==> flow/design.v <==
module u_shft_stage #(
    parameter integer DW = 20,
    parameter integer LG = $clog2(DW)
) (
    input wire clock,
    input wire [DW-1:0] d_i,
    input wire [LG-1:0] sa_i,
    output wire [DW-1:0] dout_o
);
    reg [DW-1:0] d_q;
    reg [LG-1:0] sa_q;
    always @(posedge clock) begin
        d_q <= d_i;
        sa_q <= sa_i;
    end
    wire [DW-1:0] n_ [0:LG];
    assign n_[0] = d_q;
    genvar k;
    generate
        for (k = 0; k < LG; k = k + 1) begin : gen
            assign n_[k+1] = sa_q[k] ? n_[k] << (1 << k) : n_[k];
        end
    endgenerate
    assign dout_o = n_[LG];
endmodule
# From RTL to reports: u_shft_stage
# Tool output for the design above, in the order of the flow.
# Line numbers count from 1 in the design file above.
# Operators carry their Yosys type and port widths (W data, S select, Z words).
# Library cell names are shortened.
# A cell with n/a has no value.
# design
top	u_shft_stage
clock_port	clock
cell_library	sky130hd
lib_corner	tt_025C_1v80

# Word level
# Counts by Yosys on the flattened word-level netlist (proc, flatten, opt, wreduce). Print and check cells are left out. Cells with the same type and inputs are merged into one.
# word_totals
ff_bits	25
input_bits	26
out_inout_bits	20
word_cells	7
# op_classes
mux	5
# op_table
cell	n
$mux W20	5

# Longest topological paths
# Yosys ltp: most cells in a row. Word level: on the elaborated netlist, between registers, memories and ports. Mapped: between sequential cells and ports; inverters and the memories' decode and read muxes count.
# logic_depth
depth_word	5
ABC_AREA	0
mapped_depth	6
ltp_nobuf	4

# Mapped cells and area
# The flow's flattened synthesis, as Yosys stat reports it; memories are mapped. The netlist is that of the ABC_AREA named above (0 if unset); the other value can give another one.
# Totals and module areas in this step are rounded.
# synth_totals
cell_count	143
synth_area_um2	1480
seqArea_um2	500
ffs	25
n_buf	11
# by_type
cell	n	area_total_um2
dfxtp_1	25	500.48
mux4_2	8	180.173
mux2i_1	12	120.115
mux4_1	3	78.826
nor2_1	18	67.565
mux2_4	4	60.058
mux2_2	5	56.304
nand2_1	15	56.304
a211oi_1	4	30.029
a22oi_1	4	30.029
a31oi_1	4	25.024
clkbuf_1	6	22.522
mux2_1	2	22.522
nor2b_1	3	18.768
o22ai_1	3	18.768
a32oi_1	2	17.517
o31a_1	2	17.517
buf_8	1	15.014
# Other cell types: 16; their cells: 22.

# Worst setup path after synthesis
# OpenSTA on the mapped netlist: ideal clock, no wires. The path of least setup slack (recovery checks aside). Input and output delay are each 20% of the period. Register names are those of the netlist, which keeps one name where synthesis merged equal registers.
# synth_path
path_type	register to output
start	register sa_q[0]
end	output port dout_o[18]
tclk_ns	2.39
out_delay_ns	0.478
t_first_pin_ns	0.000
arrival_time_ns	1.530
t_required_ns	1.912
path_slack_ns	0.382
path_delay_ns	1.530
driving_pins	7
n_path_buf	2
period_less_setup_slack_ns	2.008
# "path_delay_ns" is the arrival time less input delay plus setup time.
# A path that ends at an output port has no setup time.
# "driving_pins": output pins that drive a net of the path, with the launching flip-flop's if there is one; two outputs of one cell count as two.
# "period_less_setup_slack_ns" is the clock period less the worst setup slack; recovery checks do not enter. This is arithmetic on one report: input and output delays are still those of the set period (20% each).
# Between the ends stands the longest chain of elaborated cells between them, by number of cells; it is not shown to be the way that was timed. Of several equally long chains one is given.
# A line is the first line of the expression or statement that the cell stems from. Yosys adds cells for indexed reads and writes and turns some case tables into memories.
# synth_between
cell_sequence	dfxtp_1 buf_6 buf_8 mux2_1 mux4_2 nand2_1 o211ai_1
elab_chain_cells	5
cells_between	5
lines_between	1
classes_between	mux: 5
# synth_rtl
element	line	text
start: declaration	11	reg [LG-1:0] sa_q;
start: assignment	14	sa_q <= sa_i;
$mux W20 x5	21	assign n_[k+1] = sa_q[k] ? n_[k] << (1 << k) : n_[k];
end: declaration	8	output wire [DW-1:0] dout_o

# Timing after layout
# From the final timing report of job 3: the path of least setup slack in the routed layout; clock arrival at registers is part of the times.
# layout_path
path_type	register to output
start	register sa_q[0]
end	output port dout_o[18]
tclk_ns	2.39
out_delay_ns	0.48
t_first_pin_ns	0.26
arrival_time_ns	1.95
t_required_ns	1.91
path_slack_ns	-0.04
driving_pins	8
n_path_buf	3
# Between the ends stands the longest chain of elaborated cells between them, by number of cells; it is not shown to be the way that was timed. Of several equally long chains one is given.
# layout_between
cell_sequence	dfxtp_4 buf_6 buf_6 mux4_2 mux2_4 nand2_2 o211ai_1 buf_2
elab_chain_cells	5
cells_between	5
lines_between	1
classes_between	mux: 5
# layout_rtl
element	line	text
start: declaration	11	reg [LG-1:0] sa_q;
start: assignment	14	sa_q <= sa_i;
$mux W20 x5	21	assign n_[k+1] = sa_q[k] ? n_[k] << (1 << k) : n_[k];
end: declaration	8	output wire [DW-1:0] dout_o

# Design u_shft_stage on sky130hd. What follows are 3 stored runs of the flow, each under its own settings; their order means nothing. The constraints put input and output delay at 20% of the set period each and load the outputs with 0.01 pF.
# "design_power_uw" rests on the timing tool's default activity at the inputs, not on a simulated workload.
# The results are shown rounded.
# Settings: -- = not set for that run.
# A result given as -- is not shown for that run.
name,job 1,job 2,job 3
period_ns,1.22,1.34,2.39
CORE_UTILIZATION,43,70,40
SETUP_SLACK_MARGIN,0.18,--,--
PLACE_DENSITY_LB_ADDON,0.05,--,--
CORE_ASPECT_RATIO,1.13,--,--
CORE_MARGIN,3,2,2
CELL_PAD_IN_SITES_DETAIL_PLACEMENT,1,--,--
TNS_END_PERCENT,40,--,--
ABC_AREA,1,1,--
SLEW_MARGIN,15,20,20
MAX_ROUTING_LAYER,met4,met5,--
CAP_MARGIN,20,20,20
CELL_PAD_IN_SITES_GLOBAL_PLACEMENT,--,2,--
GPL_ROUTABILITY_DRIVEN,--,0,--
MIN_ROUTING_LAYER,--,met2,--
design_power_uw,--,--,1040
post_route_util_pct,--,--,62.5
fin_ws_ns,--,--,-0.041
synthArea_um2,--,--,1480
final_die_area_um2,--,--,4200
# Job 1: no results, clock tree synthesis failed with DPL-0033
# Job 2: no results, placement failed with GPL-0301
